==> flow/design.v <==
module times #(
  parameter integer DATA_W = 5,
  parameter integer WAYS = 12,
  parameter integer RW = 2*DATA_W + $clog2(WAYS)
) (
  input wire ck,
  input wire rst,
  input wire [WAYS*DATA_W-1:0] i_u,
  input wire [WAYS*DATA_W-1:0] i_v,
  output wire [RW-1:0] o_res
);
  reg [WAYS*DATA_W-1:0] u_q;
  reg [WAYS*DATA_W-1:0] v_q;
  always @(posedge ck) begin
    if (rst) begin
      u_q <= 0;
      v_q <= 0;
    end else begin
      u_q <= i_u;
      v_q <= i_v;
    end
  end
  genvar k;
  wire [2*WAYS*DATA_W-1:0] part;
  generate
    for (k = 0; k < WAYS; k = k + 1) begin : gen
      assign part[2*k*DATA_W +: 2*DATA_W] = u_q[k*DATA_W +: DATA_W] * v_q[k*DATA_W +: DATA_W];
    end
  endgenerate
  reg [2*WAYS*DATA_W-1:0] part_q;
  always @(posedge ck) begin
    if (rst) begin
      part_q <= 0;
    end else begin
      part_q <= part;
    end
  end
  reg [RW-1:0] val;
  integer i;
  always @* begin
    val = 0;
    for (i = 0; i < WAYS; i = i + 1)
      val = val + part_q[2*i*DATA_W +: 2*DATA_W];
  end
  reg [RW-1:0] res_q;
  always @(posedge ck) begin
    if (rst) begin
      res_q <= 0;
    end else begin
      res_q <= val;
    end
  end
  assign o_res = res_q;
endmodule
* Reports on times
What the tools print for times, step after step.
Line numbers count from 1 in the design file above.
A cell with - has no value.
- Design top :: times
- Clock input :: ck
- Cell library :: sky130hd
- Timing corner :: tt_025C_1v80

* Word-level counts
Yosys after proc, flatten, opt, wreduce and memory -nomap, before mapping. Enables and synchronous resets that opt folds into registers are not counted as muxes. Memory bits, and registers merged into a memory's read port (data or address), are not among the register bits. Print and check cells are not counted. Equal cells are merged and count once.
- Multipliers :: 12
- Add/subtract/negate cells :: 11
** Operators by type and width (count)
- 5-bit by 5-bit multiplier with 10-bit output :: 12
- 14-bit by 10-bit adder with 14-bit output :: 7
- 13-bit by 10-bit adder with 14-bit output :: 1
- 12-bit by 10-bit adder with 13-bit output :: 1
- 11-bit by 10-bit adder with 12-bit output :: 1
- 10-bit by 10-bit adder with 11-bit output :: 1
- Cells after elaboration :: 27
- Input bits :: 122
- Register bits :: 254

* Logic depth
Depth = most cells in a row (Yosys ltp): at word level without a register or memory, in the mapped netlist without a sequential cell, where the memories' decode and read muxes count.
- Depth after elaboration :: 11
- ABC_AREA :: 0
- Mapped depth :: 17

* Synthesis result
Yosys stat after the flow's synthesis: flattened, memories mapped to cells. It holds for the ABC_AREA given above (unset counts as 0); a run with the other value may have another netlist.
** Cells by type
- sky130_fd_sc_hd__dfxtp_1 :: count 254, total area 5.08E+03 um^2
- sky130_fd_sc_hd__fa_1 :: count 205, total area 4.1E+03 um^2
- sky130_fd_sc_hd__ha_1 :: count 235, total area 2940.32 um^2
- sky130_fd_sc_hd__inv_1 :: count 367, total area 1.38E+03 um^2
- sky130_fd_sc_hd__nor2b_1 :: count 174, total area 1.09E+03 um^2
- sky130_fd_sc_hd__and2_1 :: count 168, total area 1.05E+03 um^2
- sky130_fd_sc_hd__nand2_1 :: count 134, total area 502.982 um^2
- sky130_fd_sc_hd__xnor2_1 :: count 51, total area 446.678 um^2
- sky130_fd_sc_hd__nor2_1 :: count 79, total area 296.534 um^2
- sky130_fd_sc_hd__nand3_1 :: count 35, total area 175.168 um^2
- sky130_fd_sc_hd__o2111ai_1 :: count 20, total area 175.168 um^2
- sky130_fd_sc_hd__mux2_2 :: count 14, total area 157.651 um^2
- sky130_fd_sc_hd__a21oi_1 :: count 29, total area 145.139 um^2
- sky130_fd_sc_hd__nand2b_1 :: count 18, total area 112.608 um^2
- sky130_fd_sc_hd__o21ai_0 :: count 22, total area 110.106 um^2
- sky130_fd_sc_hd__a21o_1 :: count 13, total area 97.594 um^2
- sky130_fd_sc_hd__o21bai_1 :: count 13, total area 97.594 um^2
- sky130_fd_sc_hd__o31ai_1 :: count 12, total area 90.086 um^2
Other cell types: 24; their cells: 126.
- Buffer cells :: 34
- Chip area (Yosys) :: 18866.8 um^2
- Sequential area :: 5084.9 um^2
- Flip-flops :: 254
- Mapped cells :: 1969

* Path before layout
OpenSTA on the mapped netlist: ideal clock, no wires. The path of least setup slack (recovery checks aside). Input and output delay are each 20% of the period. Register names are those of the netlist, which keeps one name where synthesis merged equal registers.
- Path kind :: register to register
- Start point :: register part_q[2]
- End point :: register res_q[8]
- Driving pins on the path :: 16
- Path slack :: 1.173 ns
- Data arrival time :: 4.566 ns
- Path delay :: 4.687 ns
- Required time :: 5.739 ns
- Setup time :: 0.121 ns
- Clock period :: 5.86 ns
- Period reached after synthesis :: 4.687 ns
"path delay" is the arrival time less input delay plus setup time.
"driving pins on the path" counts driving pins, that of a launching flip-flop among them; a cell with two outputs on the path counts twice.
"period reached after synthesis" is the clock period less the worst setup slack; recovery checks do not enter. This is arithmetic on one report: input and output delays are still those of the set period (20% each).
The rows between start and end are the longest chain of elaborated cells between them; the timing report does not say that the signal goes this way. Where chains are equally long, one stands for them.
A line is the first line of the expression or statement that the cell stems from. Yosys adds cells for indexed reads and writes and turns some case tables into memories.
- Cell sequence :: sky130_fd_sc_hd__dfxtp_1 -> sky130_fd_sc_hd__inv_1 -> sky130_fd_sc_hd__fa_1 -> sky130_fd_sc_hd__inv_1 -> sky130_fd_sc_hd__fa_1 -> sky130_fd_sc_hd__fa_1 -> sky130_fd_sc_hd__fa_1 -> sky130_fd_sc_hd__inv_1 -> sky130_fd_sc_hd__fa_1 -> sky130_fd_sc_hd__inv_1 -> sky130_fd_sc_hd__ha_1 -> sky130_fd_sc_hd__fa_1 -> sky130_fd_sc_hd__a211oi_1 -> sky130_fd_sc_hd__o21ai_0 -> sky130_fd_sc_hd__a21oi_1 -> sky130_fd_sc_hd__mux2_2
- Length of the longest elaborated chain :: 11
- Elaborated cells on any way between the ends :: 11
** RTL lines, path post-synthesis
- start: declaration :: RTL line 30 : reg [2*WAYS*DATA_W-1:0] part_q;
- start: assignment :: RTL line 33 : part_q <= 0;
- start: assignment :: RTL line 35 : part_q <= part;
- 10-bit by 10-bit adder with 11-bit output :: RTL line 43 : val = val + part_q[2*i*DATA_W +: 2*DATA_W];
- 11-bit by 10-bit adder with 12-bit output :: RTL line 43
- 12-bit by 10-bit adder with 13-bit output :: RTL line 43
- 13-bit by 10-bit adder with 14-bit output :: RTL line 43
- 14-bit by 10-bit adder with 14-bit output x7 :: RTL line 43
- end: assignment :: RTL line 48 : res_q <= 0;
- end: assignment :: RTL line 50 : res_q <= val;
- end: declaration :: RTL line 45 : reg [RW-1:0] res_q;

* Timing after layout
Path of least setup slack in the final report of entry A (OpenROAD, finished layout, wires in). Where an end is a register, its clock arrival counts in the times.
- Path kind :: register to register
- Start point :: register part_q[2]
- End point :: register res_q[8]
- Path slack :: 0.92 ns
- Data arrival time :: 5.42 ns
- Driving pins on the path :: 16
- Setup time :: 0.11 ns
- Required time :: 6.34 ns
- Clock period :: 5.86 ns
The rows between start and end are the longest chain of elaborated cells between them; the timing report does not say that the signal goes this way. Where chains are equally long, one stands for them.
- Cell sequence :: sky130_fd_sc_hd__dfxtp_1 -> sky130_fd_sc_hd__inv_1 -> sky130_fd_sc_hd__fa_1 -> sky130_fd_sc_hd__inv_1 -> sky130_fd_sc_hd__fa_1 -> sky130_fd_sc_hd__fa_1 -> sky130_fd_sc_hd__fa_1 -> sky130_fd_sc_hd__inv_1 -> sky130_fd_sc_hd__fa_1 -> sky130_fd_sc_hd__inv_1 -> sky130_fd_sc_hd__ha_1 -> sky130_fd_sc_hd__fa_1 -> sky130_fd_sc_hd__a211oi_1 -> sky130_fd_sc_hd__o21ai_0 -> sky130_fd_sc_hd__a21oi_1 -> sky130_fd_sc_hd__mux2_2
- Length of the longest elaborated chain :: 11
- Elaborated cells on any way between the ends :: 11
** RTL lines, path post-layout
- start: declaration :: RTL line 30 : reg [2*WAYS*DATA_W-1:0] part_q;
- start: assignment :: RTL line 33 : part_q <= 0;
- start: assignment :: RTL line 35 : part_q <= part;
- 10-bit by 10-bit adder with 11-bit output :: RTL line 43 : val = val + part_q[2*i*DATA_W +: 2*DATA_W];
- 11-bit by 10-bit adder with 12-bit output :: RTL line 43
- 12-bit by 10-bit adder with 13-bit output :: RTL line 43
- 13-bit by 10-bit adder with 14-bit output :: RTL line 43
- 14-bit by 10-bit adder with 14-bit output x7 :: RTL line 43
- end: assignment :: RTL line 48 : res_q <= 0;
- end: assignment :: RTL line 50 : res_q <= val;
- end: declaration :: RTL line 45 : reg [RW-1:0] res_q;

--- measured runs ---
Settings and measured results of 3 stored flow runs for module times (sky130hd), not sorted in any way. The constraints put input and output delay at 20% of the set period each and load the outputs with 0.01 pF.
"achieved clock period" is the run's clock period less its worst setup slack. It is reckoned from that one timing run; input and output delays stay at 20% of the period that was set.
"critical setup path time" is the time allowed to the run's worst setup path (the clock period less input and output delay, where it has them) less its slack. Clock arrival times count: a late capture clock shortens it, a late launch clock lengthens it.
"power consumption": no workload was simulated; the value follows from the tool's default switching activity.

* Entry A
** Files
==> flow/run.sh <==
#!/bin/bash
# the make line also repeats the synthesis and layout settings of config.mk as NAME=value (left out here)
make -C /OpenROAD-flow-scripts/flow DESIGN_CONFIG=/design/flow/config.mk WORK_HOME=/design/flow/orfs CLKGATE_MAP_FILE= finish
==> flow/config.mk <==
export PLATFORM = sky130hd
export DESIGN_NAME = times
export DESIGN_NICKNAME = times
export VERILOG_FILES = /design/flow/design.v
export SDC_FILE = /design/flow/constraint.sdc
export NUM_CORES = 4
export LEC_CHECK = 0
export CAP_MARGIN = 20
export CORE_MARGIN = 2
export CORE_UTILIZATION = 40
export SLEW_MARGIN = 20
==> flow/constraint.sdc <==
create_clock -name core_clock -period 5.86 [get_ports {ck}]
set_input_delay 1.1720 -clock core_clock [delete_from_list [all_inputs] [get_ports {ck}]]
set_output_delay 1.1720 -clock core_clock [all_outputs]
set_load 0.01 [all_outputs]
** Results
- Netlist area reported by Yosys :: 18,866.8 um^2
- Area of the die :: 48,920.6 um^2
- Standard-cell area after routing :: 21,914.8 um^2
- Utilization :: 0.471
- Setup slack of the critical path :: 0.924 ns
- Total negative slack :: 0.000 ns
- Smallest hold slack :: 0.535 ns
- Power consumption :: 5,377 uW
- Achieved clock period :: 4.936 ns
- Critical setup path time :: 4.94 ns
- Worst setup path kind :: register to register

* Entry B
** Files
==> flow/run.sh <==
#!/bin/bash
# the make line also repeats the synthesis and layout settings of config.mk as NAME=value (left out here)
make -C /OpenROAD-flow-scripts/flow DESIGN_CONFIG=/design/flow/config.mk WORK_HOME=/design/flow/orfs CLKGATE_MAP_FILE= finish
==> flow/config.mk <==
export PLATFORM = sky130hd
export DESIGN_NAME = times
export DESIGN_NICKNAME = times
export VERILOG_FILES = /design/flow/design.v
export SDC_FILE = /design/flow/constraint.sdc
export NUM_CORES = 4
export LEC_CHECK = 0
export CAP_MARGIN = 20
export CORE_MARGIN = 2
export CORE_UTILIZATION = 65
export GPL_TIMING_DRIVEN = 1
export PLACE_DENSITY_LB_ADDON = 0.01
export SETUP_SLACK_MARGIN = -0.09
export SLEW_MARGIN = 20
==> flow/constraint.sdc <==
create_clock -name core_clock -period 5.03 [get_ports {ck}]
set_input_delay 1.0060 -clock core_clock [delete_from_list [all_inputs] [get_ports {ck}]]
set_output_delay 1.0060 -clock core_clock [all_outputs]
set_load 0.01 [all_outputs]
** Results
- Netlist area reported by Yosys :: 18,866.8 um^2
- Area of the die :: 30,404.9 um^2
- Standard-cell area after routing :: 21,793.4 um^2
- Utilization :: 0.761
- Setup slack of the critical path :: 0.187 ns
- Total negative slack :: 0.000 ns
- Smallest hold slack :: 0.522 ns
- Power consumption :: 6,593 uW
- Achieved clock period :: 4.843 ns
- Critical setup path time :: 4.84 ns
- Worst setup path kind :: register to register

* Entry C
** Files
==> flow/run.sh <==
#!/bin/bash
# the make line also repeats the synthesis and layout settings of config.mk as NAME=value (left out here)
make -C /OpenROAD-flow-scripts/flow DESIGN_CONFIG=/design/flow/config.mk WORK_HOME=/design/flow/orfs CLKGATE_MAP_FILE= finish
==> flow/config.mk <==
export PLATFORM = sky130hd
export DESIGN_NAME = times
export DESIGN_NICKNAME = times
export VERILOG_FILES = /design/flow/design.v
export SDC_FILE = /design/flow/constraint.sdc
export NUM_CORES = 4
export LEC_CHECK = 0
export CAP_MARGIN = 10
export CORE_ASPECT_RATIO = 0.57
export CORE_MARGIN = 4
export CORE_UTILIZATION = 38
export MIN_ROUTING_LAYER = met2
export PLACE_DENSITY_LB_ADDON = 0.24
export SLEW_MARGIN = 30
==> flow/constraint.sdc <==
create_clock -name core_clock -period 6.46 [get_ports {ck}]
set_input_delay 1.2920 -clock core_clock [delete_from_list [all_inputs] [get_ports {ck}]]
set_output_delay 1.2920 -clock core_clock [all_outputs]
set_load 0.01 [all_outputs]
** Results
- Netlist area reported by Yosys :: 18,866.8 um^2
- Area of the die :: 53,420.0 um^2
- Standard-cell area after routing :: 21,896.0 um^2
- Utilization :: 0.448
- Setup slack of the critical path :: 1.449 ns
- Total negative slack :: 0.000 ns
- Smallest hold slack :: 0.540 ns
- Power consumption :: 4,881 uW
- Achieved clock period :: 5.011 ns
- Critical setup path time :: 5.01 ns
- Worst setup path kind :: register to register
--- end ---
